==> flow/design.v <==
module ex_mult #(
  parameter integer BITS = 64,
  parameter integer SCALE = 11585,
  parameter integer RES_W = BITS + $clog2(SCALE + 1)
) (
  input  logic core_clk,
  input  logic [BITS-1:0] u,
  output logic [RES_W-1:0] res
);
  logic [BITS-1:0] u_s;
  always_ff @(posedge core_clk)
    u_s <= u;
  always_ff @(posedge core_clk)
    res <= u_s * SCALE;
endmodule
Reports on ex_mult
The steps from the RTL of ex_mult to its reports follow in flow order.
Lines are those of the file above, counted from 1.
Operators: Yosys type, input widths -> output width; for muxes data width and select width s.
Cell names lack the library's common part.
A cell with n/a has no value.

design
  design top = ex_mult
  clock input = core_clk
  cell library = sky130hd
  library corner = tt_025C_1v80

Word level
Counts by Yosys on the flattened word-level netlist (proc, flatten, opt, wreduce; memories kept). Register bits leave out memories and registers merged into their read ports (data or address); mux counts leave out enables and synchronous resets folded into registers. Print and check cells are left out. Cells with the same type and inputs are merged into one.

word-level totals
  output and inout bits = 78
  input port bits = 65
  elaborated cells = 3
  register bits = 142
  bits in read-only memories = 0
  latch bits = 0
  memories = 0
  word width x clocked read ports = 0
  memory bits (writable) = 0

cells by class
  order comparisons = 0
  reduce/logical cells = 0
  eq/ne operators = 0
  divide/modulo/power cells = 0
  muxes and demuxes = 0
  add/subtract/negate cells = 0
  shift operators = 0
  multipliers = 1
  bitwise logic cells = 0

operators by type and width
  cell                    count
  $mul 64x14->78 const B  1

Depth
Yosys ltp: most cells in a row. Word level: on the elaborated netlist, between registers, memories and ports. Mapped: between sequential cells and ports; inverters and the memories' decode and read muxes count.

logic depth
  depth in word-level cells = 1
  ABC_AREA = 0
  mapped depth = 24
  depth with buffers taken out = 23

Mapped cells and area
The flow's flattened synthesis, as Yosys stat reports it; memories are mapped. The netlist is that of the ABC_AREA named above (0 if unset); the other value can give another one.
The area totals of this step are shown rounded.

cells by type
  cell type  count
  fa_1       210
  ha_1       310
  dfxtp_1    142
  inv_1      360
  xor2_1     61
  xnor2_1    60
  a21o_1     62
  a21oi_1    85
  nand2_1    75
  o21ai_0    45
  nor2_1     47
  nand4_1    28
  o21bai_1   18
  and2_1     19
  clkbuf_1   19
  a31oi_1    10
  o31ai_1    6
  nor3_1     8

Not listed: further types 37, cells in them 76.

synthesis totals
  buffers = 25
  synthesis area = 16,200 µm²
  flip-flops = 142
  standard cells after synthesis = 1,641

Worst setup path after synthesis
Path of least setup slack by OpenSTA after synthesis, without wires, with an ideal clock, recovery checks aside; 20% of the period is set as input and as output delay. Where synthesis merged equal registers, the netlist keeps one of their names.

timing path after synthesis
  kind = flip-flop to flip-flop
  start = register u_s[7]
  end = register res[77]
  delay of the path = 5.364 ns
  stages on the path = 23
  slack = 1.346 ns
  time at the first pin = 0.000 ns
  clock period = 6.71 ns
  arrival time = 5.244 ns
  period reached after synthesis = 5.364 ns

"delay of the path" = arrival - input delay + setup time.
"stages on the path": output pins that drive a net of the path, with the launching flip-flop's if there is one; two outputs of one cell count as two.
"period reached after synthesis" = period - worst setup slack (recovery checks aside). The figure is calculated, with input and output delays left at 20% of the set period.
Between the ends stands the longest chain of elaborated cells between them, by number of cells; it is not shown to be the way that was timed. Of several equally long chains one is given.
A line is the first line of the expression or statement that the cell stems from. Yosys adds cells for indexed reads and writes and turns some case tables into memories.

on the way, after synthesis
  cell sequence = dfxtp_1 ha_1 xor2_1 ha_1 a21o_1 fa_1 fa_1 ha_1 inv_1 fa_1 inv_1 ha_1 buf_2 and4_1 nand2_1 or4_4 nand4_2 a211oi_2 o211ai_2 a31oi_2 o41ai_2 a21oi_1 xnor2_1
  length of the longest elaborated chain = 1
  elaborated cells between the ends (all ways) = 1
  those cells by class = mul: 1

RTL lines, path after synthesis
  item                line  source
  start: declaration  10    logic [BITS-1:0] u_s;
  start: assignment   12    u_s <= u;
  $mul 64x14->78      14    res <= u_s * SCALE;
  end: assignment     14
  end: declaration    8     output logic [RES_W-1:0] res

Path in the finished layout
From the final timing report of run 1: the path of least setup slack in the routed layout; clock arrival at registers is part of the times.

timing path post-layout
  kind = flip-flop to flip-flop
  start = register u_s[7]
  end = register res[55]
  stages on the path = 20
  time at the first pin = 0.49 ns
  arrival time = 6.79 ns
  slack = 2.48 ns
  clock period = 8.87 ns

Between the ends stands the longest chain of elaborated cells between them, by number of cells; it is not shown to be the way that was timed. Of several equally long chains one is given.

on the way, post-layout
  cell sequence = dfxtp_1 ha_1 inv_1 fa_1 fa_1 fa_1 inv_1 ha_1 fa_1 ha_1 nand2_1 o21ai_0 a31oi_1 o21bai_1 a31oi_2 o21ai_1 a31oi_2 o31ai_1 a31oi_1 xnor2_1
  length of the longest elaborated chain = 1
  elaborated cells between the ends (all ways) = 1
  those cells by class = mul: 1

RTL lines, path post-layout
  item                line  source
  start: declaration  10    logic [BITS-1:0] u_s;
  start: assignment   12    u_s <= u;
  $mul 64x14->78      14    res <= u_s * SCALE;
  end: assignment     14
  end: declaration    8     output logic [RES_W-1:0] res

Data sheet: physical implementation of ex_mult

Top module ex_mult; platform sky130hd; tools Yosys and OpenROAD; 3 stored runs in no particular order. Input and output delays are each 20% of the period that was set; the output load is 0.01 pF.
By "achieved clock period" is meant the clock period of the run minus its worst setup slack. This is arithmetic on one report: input and output delays are still those of the set period (20% each).
"worst setup path time" means the part of the period allowed to the worst setup path (the constraints hold back 20% at inputs and 20% at outputs) less its slack; where the path has registers, the arrival times of their clocks count too.
Values from the reports are rounded here.

Run 1
==> flow/run.sh <==
#!/bin/bash
# the make line also repeats the synthesis and layout settings of config.mk as NAME=value (left out here)
make -C /OpenROAD-flow-scripts/flow DESIGN_CONFIG=/design/flow/config.mk WORK_HOME=/design/flow/orfs CLKGATE_MAP_FILE= finish
==> flow/config.mk <==
export PLATFORM = sky130hd
export DESIGN_NAME = ex_mult
export DESIGN_NICKNAME = ex_mult
export VERILOG_FILES = /design/flow/design.v
export SDC_FILE = /design/flow/constraint.sdc
export NUM_CORES = 4
export LEC_CHECK = 0
export CAP_MARGIN = 30
export CELL_PAD_IN_SITES_GLOBAL_PLACEMENT = 2
export CORE_MARGIN = 2
export CORE_UTILIZATION = 36
export GPL_TIMING_DRIVEN = 1
export HOLD_SLACK_MARGIN = -0.04
export MIN_ROUTING_LAYER = met2
export PLACE_DENSITY_LB_ADDON = 0.12
export SETUP_SLACK_MARGIN = 0.95
export SLEW_MARGIN = 20
==> flow/constraint.sdc <==
create_clock -name core_clock -period 8.87 [get_ports {core_clk}]
set_input_delay 1.7740 -clock core_clock [delete_from_list [all_inputs] [get_ports {core_clk}]]
set_output_delay 1.7740 -clock core_clock [all_outputs]
set_load 0.01 [all_outputs]

==> results of run 1 <==
chip area after synthesis (Yosys): 16,200 µm²
die area: 46,700 µm²
standard-cell area of the final layout: 18,800 µm²
utilization: 42.5 %
worst setup slack after layout: 2.48 ns
total negative slack: 0.000 ns
worst hold slack: 0.407 ns
achieved clock period: 6.393 ns
worst setup path time: 6.39 ns
worst setup path kind: flip-flop to flip-flop

Run 2
==> flow/run.sh <==
#!/bin/bash
# the make line also repeats the synthesis and layout settings of config.mk as NAME=value (left out here)
make -C /OpenROAD-flow-scripts/flow DESIGN_CONFIG=/design/flow/config.mk WORK_HOME=/design/flow/orfs CLKGATE_MAP_FILE= finish
==> flow/config.mk <==
export PLATFORM = sky130hd
export DESIGN_NAME = ex_mult
export DESIGN_NICKNAME = ex_mult
export VERILOG_FILES = /design/flow/design.v
export SDC_FILE = /design/flow/constraint.sdc
export NUM_CORES = 4
export LEC_CHECK = 0
export CAP_MARGIN = 20
export CORE_MARGIN = 2
export CORE_UTILIZATION = 40
export SLEW_MARGIN = 20
==> flow/constraint.sdc <==
create_clock -name core_clock -period 6.71 [get_ports {core_clk}]
set_input_delay 1.3420 -clock core_clock [delete_from_list [all_inputs] [get_ports {core_clk}]]
set_output_delay 1.3420 -clock core_clock [all_outputs]
set_load 0.01 [all_outputs]

==> results of run 2 <==
chip area after synthesis (Yosys): 16,200 µm²
die area: 42,100 µm²
standard-cell area of the final layout: 18,800 µm²
utilization: 47.1 %
worst setup slack after layout: 0.440 ns
total negative slack: 0.000 ns
worst hold slack: 0.411 ns
achieved clock period: 6.270 ns
worst setup path time: 6.27 ns
worst setup path kind: flip-flop to flip-flop

Run 3
==> flow/run.sh <==
#!/bin/bash
# the make line also repeats the synthesis and layout settings of config.mk as NAME=value (left out here)
make -C /OpenROAD-flow-scripts/flow DESIGN_CONFIG=/design/flow/config.mk WORK_HOME=/design/flow/orfs CLKGATE_MAP_FILE= finish
==> flow/config.mk <==
export PLATFORM = sky130hd
export DESIGN_NAME = ex_mult
export DESIGN_NICKNAME = ex_mult
export VERILOG_FILES = /design/flow/design.v
export SDC_FILE = /design/flow/constraint.sdc
export NUM_CORES = 4
export LEC_CHECK = 0
export CAP_MARGIN = 35
export CORE_MARGIN = 2
export CORE_UTILIZATION = 57
export MAX_ROUTING_LAYER = met5
export MIN_ROUTING_LAYER = met1
export PLACE_DENSITY = 0.4
export SETUP_SLACK_MARGIN = 0.66
export SLEW_MARGIN = 20
==> flow/constraint.sdc <==
create_clock -name core_clock -period 3.26 [get_ports {core_clk}]
set_input_delay 0.6520 -clock core_clock [delete_from_list [all_inputs] [get_ports {core_clk}]]
set_output_delay 0.6520 -clock core_clock [all_outputs]
set_load 0.01 [all_outputs]

==> results of run 3 <==
chip area after synthesis (Yosys): 16,200 µm²
die area: 29,800 µm²
standard-cell area of the final layout: 25,000 µm²
utilization: 89.9 %
worst setup slack after layout: -2.38 ns
total negative slack: -124 ns
worst hold slack: 0.414 ns
achieved clock period: 5.640 ns
worst setup path time: 5.64 ns
worst setup path kind: flip-flop to flip-flop
